==> flow/design.v <==
module reg_bank_n #(
    parameter integer NREGS = 4,
    parameter integer WD = 10,
    parameter integer AW = $clog2(NREGS)
) (
    input wire clk,
    input wire rst_ni,
    input wire en,
    input wire write_in,
    input wire [AW-1:0] wr_addr_in,
    input wire [WD-1:0] wr_data_in,
    input wire [AW-1:0] raddr1_in,
    input wire [AW-1:0] raddr2_in,
    output wire [WD-1:0] dout1_out,
    output wire [WD-1:0] dout2_out
);
    reg write_reg;
    always @(posedge clk) begin
        if (!rst_ni) begin
            write_reg <= 1'b0;
        end else if (en) begin
            write_reg <= write_in;
        end
    end
    reg [AW-1:0] wr_addr_reg;
    always @(posedge clk) begin
        if (!rst_ni) begin
            wr_addr_reg <= 0;
        end else if (en) begin
            wr_addr_reg <= wr_addr_in;
        end
    end
    reg [WD-1:0] wr_data_reg;
    always @(posedge clk) begin
        if (!rst_ni) begin
            wr_data_reg <= 0;
        end else if (en) begin
            wr_data_reg <= wr_data_in;
        end
    end
    reg [WD-1:0] gpr [NREGS-1:0];
    always @(posedge clk) begin
        if (en && write_reg)
            gpr[wr_addr_reg] <= wr_data_reg;
    end
    reg [AW-1:0] raddr1_reg;
    always @(posedge clk) begin
        if (!rst_ni) begin
            raddr1_reg <= 0;
        end else if (en) begin
            raddr1_reg <= raddr1_in;
        end
    end
    reg [AW-1:0] raddr2_reg;
    always @(posedge clk) begin
        if (!rst_ni) begin
            raddr2_reg <= 0;
        end else if (en) begin
            raddr2_reg <= raddr2_in;
        end
    end
    assign dout1_out = (write_reg && wr_addr_reg == raddr1_reg) ? wr_data_reg : gpr[raddr1_reg];
    assign dout2_out = (write_reg && wr_addr_reg == raddr2_reg) ? wr_data_reg : gpr[raddr2_reg];
endmodule
--- tool output ---
* Tool chain data of reg_bank_n
A sweep over "NREGS": the same steps for each member of the family. The file above is the member NREGS 4. Line numbers count from 1 in each member's own file. Library cell names are shortened. A cell with - has no value.
Inputs: design top reg_bank_n, clock port clk, library sky130hd, library corner tt_025C_1v80

* Members of the sweep
Lines of each other member's file that are new or changed against the file above; lines that a member lacks are not shown.
New or changed lines:
- NREGS 6 | RTL line 2 | parameter integer NREGS = 6,
- NREGS 10 | RTL line 2 | parameter integer NREGS = 10,
- NREGS 12 | RTL line 2 | parameter integer NREGS = 12,
- NREGS 40 | RTL line 2 | parameter integer NREGS = 40,
- NREGS 64 | RTL line 2 | parameter integer NREGS = 64,
- NREGS 96 | RTL line 2 | parameter integer NREGS = 96,
- NREGS 128 | RTL line 2 | parameter integer NREGS = 128,

* Elaborated design
Yosys after proc, flatten, opt, wreduce and memory -nomap, before mapping. Print and check cells are not counted. Equal cells are merged and count once. Memory sizes are those after Yosys's memory passes, which may raise the word count (mostly to a power of two), join words into wider ones and drop unused or constant bits.
Storage and ports:
- NREGS 4 | flip-flop bits (word level) 17, memory bits (writable) 40, clocked read ports x word width 20, memories kept 1, input port bits 20, output and inout bits 20, elaborated cells 20
- NREGS 6 | flip-flop bits (word level) 20, memory bits (writable) 60, clocked read ports x word width 20, memories kept 1, input port bits 23, output and inout bits 20, elaborated cells 20
- NREGS 10 | flip-flop bits (word level) 23, memory bits (writable) 100, clocked read ports x word width 20, memories kept 1, input port bits 26, output and inout bits 20, elaborated cells 20
- NREGS 12 | flip-flop bits (word level) 23, memory bits (writable) 120, clocked read ports x word width 20, memories kept 1, input port bits 26, output and inout bits 20, elaborated cells 20
- NREGS 40 | flip-flop bits (word level) 29, memory bits (writable) 400, clocked read ports x word width 20, memories kept 1, input port bits 32, output and inout bits 20, elaborated cells 20
- NREGS 64 | flip-flop bits (word level) 29, memory bits (writable) 640, clocked read ports x word width 20, memories kept 1, input port bits 32, output and inout bits 20, elaborated cells 20
- NREGS 96 | flip-flop bits (word level) 32, memory bits (writable) 960, clocked read ports x word width 20, memories kept 1, input port bits 35, output and inout bits 20, elaborated cells 20
- NREGS 128 | flip-flop bits (word level) 32, memory bits (writable) 1280, clocked read ports x word width 20, memories kept 1, input port bits 35, output and inout bits 20, elaborated cells 20
Memories (shape (words x width / read and write ports)):
- NREGS 4 | gpr 4 x 10 bit 2R1W
- NREGS 6 | gpr 6 x 10 bit 2R1W
- NREGS 10 | gpr 10 x 10 bit 2R1W
- NREGS 12 | gpr 12 x 10 bit 2R1W
- NREGS 40 | gpr 40 x 10 bit 2R1W
- NREGS 64 | gpr 64 x 10 bit 2R1W
- NREGS 96 | gpr 96 x 10 bit 2R1W
- NREGS 128 | gpr 128 x 10 bit 2R1W
Cells by class:
- NREGS 4 | eq/ne operators 2, mux-type cells 9, reduce/logical cells 3
- NREGS 6 | eq/ne operators 2, mux-type cells 9, reduce/logical cells 3
- NREGS 10 | eq/ne operators 2, mux-type cells 9, reduce/logical cells 3
- NREGS 12 | eq/ne operators 2, mux-type cells 9, reduce/logical cells 3
- NREGS 40 | eq/ne operators 2, mux-type cells 9, reduce/logical cells 3
- NREGS 64 | eq/ne operators 2, mux-type cells 9, reduce/logical cells 3
- NREGS 96 | eq/ne operators 2, mux-type cells 9, reduce/logical cells 3
- NREGS 128 | eq/ne operators 2, mux-type cells 9, reduce/logical cells 3
Operators by type and width (kinds with counts):
- NREGS 4 | 2-to-1 mux 10 bit (3); 2-to-1 mux 2 bit (5); == test 2 bit (2); logical AND 1 bit (3); 2-to-1 mux 1 bit (1)
- NREGS 6 | 2-to-1 mux 10 bit (3); 2-to-1 mux 3 bit (5); == test 3 bit (2); logical AND 1 bit (3); 2-to-1 mux 1 bit (1)
- NREGS 10 | 2-to-1 mux 10 bit (3); 2-to-1 mux 4 bit (5); == test 4 bit (2); logical AND 1 bit (3); 2-to-1 mux 1 bit (1)
- NREGS 12 | 2-to-1 mux 10 bit (3); 2-to-1 mux 4 bit (5); == test 4 bit (2); logical AND 1 bit (3); 2-to-1 mux 1 bit (1)
- NREGS 40 | 2-to-1 mux 10 bit (3); 2-to-1 mux 6 bit (5); == test 6 bit (2); logical AND 1 bit (3); 2-to-1 mux 1 bit (1)
- NREGS 64 | 2-to-1 mux 10 bit (3); 2-to-1 mux 6 bit (5); == test 6 bit (2); logical AND 1 bit (3); 2-to-1 mux 1 bit (1)
- NREGS 96 | 2-to-1 mux 7 bit (5); 2-to-1 mux 10 bit (3); == test 7 bit (2); logical AND 1 bit (3); 2-to-1 mux 1 bit (1)
- NREGS 128 | 2-to-1 mux 7 bit (5); 2-to-1 mux 10 bit (3); == test 7 bit (2); logical AND 1 bit (3); 2-to-1 mux 1 bit (1)

* Longest topological paths
Depth = most cells in a row (Yosys ltp): at word level without a register or memory, in the mapped netlist without a sequential cell, where the memories' decode and read muxes count.
Depth:
- NREGS 4 | depth in word-level cells 3, ABC_AREA 0, mapped depth 4
- NREGS 6 | depth in word-level cells 3, ABC_AREA 0, mapped depth 5
- NREGS 10 | depth in word-level cells 3, ABC_AREA 0, mapped depth 6
- NREGS 12 | depth in word-level cells 3, ABC_AREA 0, mapped depth 6
- NREGS 40 | depth in word-level cells 3, ABC_AREA 0, mapped depth 8
- NREGS 64 | depth in word-level cells 3, ABC_AREA 0, mapped depth 10
- NREGS 96 | depth in word-level cells 3, ABC_AREA 0, mapped depth 9
- NREGS 128 | depth in word-level cells 3, ABC_AREA 0, mapped depth 13

* After synthesis
Yosys stat after the flow's synthesis: flattened, memories mapped to cells. It holds for the ABC_AREA given above (unset counts as 0); a run with the other value may have another netlist.
Synthesis totals:
- NREGS 4 | standard cells after synthesis 157, synthesis area 2837.7 sq um, flip-flops 61, buffers 9
- NREGS 6 | standard cells after synthesis 288, synthesis area 4056.4 sq um, flip-flops 86, buffers 19
- NREGS 10 | standard cells after synthesis 351, synthesis area 6064.6 sq um, flip-flops 131, buffers 22
- NREGS 12 | standard cells after synthesis 457, synthesis area 7019.2 sq um, flip-flops 151, buffers 32
- NREGS 40 | standard cells after synthesis 1081, synthesis area 20246.9 sq um, flip-flops 441, buffers 78
- NREGS 64 | standard cells after synthesis 1748, synthesis area 31938.1 sq um, flip-flops 681, buffers 134
- NREGS 96 | standard cells after synthesis 2481, synthesis area 46754.8 sq um, flip-flops 1006, buffers 195
- NREGS 128 | standard cells after synthesis 3743, synthesis area 63238.2 sq um, flip-flops 1326, buffers 297
Cell types (type and count):
- NREGS 4 | edfxtp_1 (40); mux4_2 (20); dfxtp_1 (21); mux2_4 (20); mux2i_1 (17); nor2b_1 (17); xnor2_2 (4); nand3_4 (2); buf_6 (2); buf_4 (2); clkbuf_1 (3); buf_2 (2); nor3_1 (2); nor2_1 (2); nand3_1 (1); inv_1 (1); nand2_1 (1)
- NREGS 6 | edfxtp_1 (60); mux2i_1 (80); dfxtp_1 (26); a21oi_2 (20); a22o_1 (20); a22oi_1 (20); nor2b_1 (22); clkbuf_8 (4); xnor2_1 (6); buf_6 (4); buf_2 (8); and4_4 (2); nor2_1 (6); nand3b_1 (2); nor2_2 (2); clkbuf_1 (3); or3b_2 (1); nand2b_1 (1); nand2_1 (1)
- NREGS 10 | edfxtp_1 (100); mux4_2 (40); mux2i_1 (83); dfxtp_1 (31); mux2_4 (10); nor2b_1 (23); mux2_2 (10); buf_2 (9); xor2_1 (4); nor2_1 (9); clkbuf_1 (7); buf_6 (2); nor4_4 (1); buf_1 (4); nand2_1 (4); nand4_1 (2); a222oi_1 (1); nor3_1 (2); (+9)
- NREGS 12 | edfxtp_1 (120); mux4_2 (42); dfxtp_1 (31); mux2i_1 (50); mux2_2 (19); nor2b_1 (25); nand2_1 (30); nand3b_1 (14); o211ai_1 (13); nand3_1 (14); buf_2 (12); nor4_1 (9); a22oi_1 (7); a31oi_1 (8); clkbuf_1 (13); nor2_1 (13); nand2b_1 (6); o221ai_1 (4); (+27)
- NREGS 40 | edfxtp_1 (400); mux4_2 (200); dfxtp_1 (41); mux2i_1 (42); nor2b_1 (51); mux2_2 (18); a221o_1 (20); nor2_1 (51); o22ai_1 (28); nor4_1 (21); a211oi_1 (15); clkbuf_1 (30); buf_2 (22); a22oi_1 (13); and3_1 (14); buf_4 (11); buf_6 (7); xnor2_1 (9); (+88)
- NREGS 64 | edfxtp_1 (640); mux4_2 (273); mux2i_1 (176); dfxtp_1 (41); mux2_2 (53); nor2b_1 (51); nor2_1 (75); buf_2 (50); o22ai_1 (35); nand2_1 (56); buf_4 (23); clkbuf_1 (40); mux4_1 (5); a22oi_1 (15); a21oi_1 (21); xnor2_1 (12); o2111a_1 (9); buf_6 (8); (+165)
- NREGS 96 | edfxtp_1 (960); mux4_2 (455); mux2i_1 (107); dfxtp_1 (46); a22oi_1 (84); nor2b_1 (79); nor2_1 (116); mux4_1 (13); mux2_2 (29); clkbuf_1 (78); buf_2 (58); buf_4 (34); nand2_1 (67); a211oi_1 (31); a21oi_1 (36); a221oi_1 (20); nand3_1 (35); a31oi_1 (26); (+207)
- NREGS 128 | edfxtp_1 (1280); mux4_2 (416); mux2i_1 (455); mux2_2 (114); dfxtp_1 (46); o221ai_1 (97); nor2_1 (193); nand2_1 (181); clkbuf_1 (126); buf_2 (88); a22oi_1 (56); o22ai_1 (67); a21oi_1 (80); nor2b_1 (55); buf_4 (39); a221oi_1 (33); buf_6 (21); a31oi_1 (33); (+363)
A list marked (+n) leaves out that many cells.

* Worst setup path after synthesis
OpenSTA on the mapped netlist: ideal clock, no wires. The path of least setup slack (recovery checks aside). Input and output delay are each 20% of the period. Register names are those of the netlist, which keeps one name where synthesis merged equal registers.
Path post-synthesis:
- NREGS 4 | kind input to register, start point input port en, end point memory gpr[0][0], clock period 2.61 ns, path slack 0.420 ns, driving pins on the path 4, path delay 1.669 ns, synthesis period reached 2.19 ns
- NREGS 6 | kind input to register, start point input port en, end point memory gpr[1][0], clock period 2.18 ns, path slack 0.346 ns, driving pins on the path 4, path delay 1.397 ns, synthesis period reached 1.834 ns
- NREGS 10 | kind input to register, start point input port en, end point memory gpr[0][0], clock period 3.06 ns, path slack 0.492 ns, driving pins on the path 4, path delay 1.956 ns, synthesis period reached 2.568 ns
- NREGS 12 | kind input to register, start point input port en, end point memory gpr[8][0], clock period 3.13 ns, path slack 0.502 ns, driving pins on the path 6, path delay 2.002 ns, synthesis period reached 2.628 ns
- NREGS 40 | kind input to register, start point input port en, end point memory gpr[8][0], clock period 3.14 ns, path slack 0.505 ns, driving pins on the path 5, path delay 2.007 ns, synthesis period reached 2.635 ns
- NREGS 64 | kind register to output, start point register (name not given), end point output port dout2_out[7], clock period 3.25 ns, path slack 0.518 ns, driving pins on the path 8, path delay 2.082 ns, synthesis period reached 2.732 ns
- NREGS 96 | kind register to output, start point register wr_data_reg[6], end point output port dout1_out[6], clock period 3.37 ns, path slack 0.537 ns, driving pins on the path 4, path delay 2.159 ns, synthesis period reached 2.833 ns
- NREGS 128 | kind register to output, start point register wr_data_reg[8], end point output port dout1_out[8], clock period 4.17 ns, path slack 0.668 ns, driving pins on the path 3, path delay 2.668 ns, synthesis period reached 3.502 ns
"path delay" = arrival - input delay + setup time. A path that ends at an output port has no setup time. "driving pins on the path": output pins that drive a net of the path, with the launching flip-flop's if there is one; two outputs of one cell count as two. "synthesis period reached" is the clock period less the worst setup slack; recovery checks do not enter. This is arithmetic on one report: input and output delays are still those of the set period (20% each). The rows between start and end are the longest chain of elaborated cells between them; the timing report does not say that the signal goes this way. Where chains are equally long, one stands for them. A line is the first line of the expression or statement that the cell stems from. Yosys adds cells for indexed reads and writes and turns some case tables into memories. NREGS 4: Only ways into the end's enable, where the timed path ends, are counted here.
Between the ends, post-synthesis, NREGS 4: length of the longest elaborated chain 2
RTL lines, path post-synthesis, NREGS 4:
- start, declared | RTL line 8 | input wire en,
- logical AND 1 bit | RTL line 43 | if (en && write_reg)
- 2-to-1 mux 2 bit | RTL line 43
- end, declared | RTL line 41 | reg [WD-1:0] gpr [NREGS-1:0];
Between the ends, post-synthesis, NREGS 128: length of the longest elaborated chain 1
RTL lines, path post-synthesis, NREGS 128:
- start, declared | RTL line 33 | reg [WD-1:0] wr_data_reg;
- start, assigned | RTL line 36 | wr_data_reg <= 0;
- start, assigned | RTL line 38 | wr_data_reg <= wr_data_in;
- 2-to-1 mux 10 bit | RTL line 62 | assign dout1_out = (write_reg && wr_addr_reg == raddr1_reg) ? wr_data_reg : gpr[raddr1_reg];
- end, declared | RTL line 14 | output wire [WD-1:0] dout1_out,

* Path in the finished layout
From the final timing report of the run of each member: the path of least setup slack in the routed layout; clock arrival at registers is part of the times.
Path after layout:
- NREGS 4 | kind register to output, start point register (name not given), end point output port dout1_out[6], clock period 2.61 ns, path slack 0.07 ns, driving pins on the path 5, arrival time 2.02 ns, buffers on the path 2
- NREGS 6 | kind register to output, start point register wr_addr_reg[2], end point output port dout1_out[3], clock period 2.18 ns, path slack -0.05 ns, driving pins on the path 7, arrival time 1.79 ns, buffers on the path 2
- NREGS 10 | kind register to output, start point register wr_addr_reg[0], end point output port dout2_out[3], clock period 3.06 ns, path slack 0.09 ns, driving pins on the path 7, arrival time 2.35 ns, buffers on the path 2
- NREGS 12 | kind register to output, start point register (name not given), end point output port dout2_out[1], clock period 3.13 ns, path slack 0.02 ns, driving pins on the path 9, arrival time 2.48 ns, buffers on the path 4
- NREGS 40 | kind register to output, start point register (name not given), end point output port dout1_out[3], clock period 3.14 ns, path slack -0.35 ns, driving pins on the path 10, arrival time 2.87 ns, buffers on the path 4
- NREGS 64 | kind register to output, start point register (name not given), end point output port dout1_out[6], clock period 3.25 ns, path slack -0.59 ns, driving pins on the path 9, arrival time 3.19 ns, buffers on the path 4
- NREGS 96 | kind register to output, start point register (name not given), end point output port dout1_out[8], clock period 3.37 ns, path slack -0.72 ns, driving pins on the path 11, arrival time 3.42 ns, buffers on the path 5
- NREGS 128 | kind register to output, start point register (name not given), end point output port dout2_out[5], clock period 4.17 ns, path slack -0.38 ns, driving pins on the path 11, arrival time 3.72 ns, buffers on the path 5

* Measured runs
Settings and results of one run of the flow (Yosys, OpenROAD) for each member follow. The constraints put input and output delay at 20% of the set period each and load the outputs with 0.01 pF.
Flow settings: CAP_MARGIN 20, CORE_MARGIN 2, CORE_UTILIZATION 40, SLEW_MARGIN 20
Settings that differ (period_ns):
- NREGS 4 | 2.61
- NREGS 6 | 2.18
- NREGS 10 | 3.06
- NREGS 12 | 3.13
- NREGS 40 | 3.14
- NREGS 64 | 3.25
- NREGS 96 | 3.37
- NREGS 128 | 4.17
Measured results:
- NREGS 4 | cell area after synthesis 2837.7 sq um, die size 7783.6 sq um, standard-cell area after layout 3603.5 sq um, utilization in the final report 0.527, worst slack on setup checks 0.071 ns, setup TNS 0.000 ns, worst-case hold slack 0.548 ns, total power of the final layout 2.225 mW, achieved clock period 2.539 ns
- NREGS 6 | cell area after synthesis 4056.4 sq um, die size 10962.1 sq um, standard-cell area after layout 5592.9 sq um, utilization in the final report 0.57, worst slack on setup checks -0.046 ns, setup TNS -0.378 ns, worst-case hold slack 0.565 ns, total power of the final layout 3.655 mW, achieved clock period 2.226 ns
- NREGS 10 | cell area after synthesis 6064.6 sq um, die size 16162.0 sq um, standard-cell area after layout 7502.2 sq um, utilization in the final report 0.499, worst slack on setup checks 0.093 ns, setup TNS 0.000 ns, worst-case hold slack 0.535 ns, total power of the final layout 4.202 mW, achieved clock period 2.967 ns
- NREGS 12 | cell area after synthesis 7019.2 sq um, die size 18624.1 sq um, standard-cell area after layout 8767.2 sq um, utilization in the final report 0.509, worst slack on setup checks 0.025 ns, setup TNS 0.000 ns, worst-case hold slack 0.563 ns, total power of the final layout 4.936 mW, achieved clock period 3.105 ns
- NREGS 40 | cell area after synthesis 20246.9 sq um, die size 52431.8 sq um, standard-cell area after layout 25811.0 sq um, utilization in the final report 0.516, worst slack on setup checks -0.355 ns, setup TNS -5.583 ns, worst-case hold slack 0.424 ns, total power of the final layout 13.935 mW, achieved clock period 3.495 ns
- NREGS 64 | cell area after synthesis 31938.1 sq um, die size 82122.4 sq um, standard-cell area after layout 39606.7 sq um, utilization in the final report 0.501, worst slack on setup checks -0.588 ns, setup TNS -8.721 ns, worst-case hold slack 0.487 ns, total power of the final layout 20.290 mW, achieved clock period 3.838 ns
- NREGS 96 | cell area after synthesis 46754.8 sq um, die size 119636.0 sq um, standard-cell area after layout 59313.1 sq um, utilization in the final report 0.511, worst slack on setup checks -0.723 ns, setup TNS -12.102 ns, worst-case hold slack 0.511 ns, total power of the final layout 29.462 mW, achieved clock period 4.093 ns
- NREGS 128 | cell area after synthesis 63238.2 sq um, die size 161291.0 sq um, standard-cell area after layout 78472.8 sq um, utilization in the final report 0.501, worst slack on setup checks -0.379 ns, setup TNS -4.571 ns, worst-case hold slack 0.555 ns, total power of the final layout 31.435 mW, achieved clock period 4.549 ns
"achieved clock period" means the clock period less the worst setup slack. The figure is calculated, with input and output delays left at 20% of the set period. "total power of the final layout": no workload was simulated; the value follows from the tool's default switching activity.
--- end ---
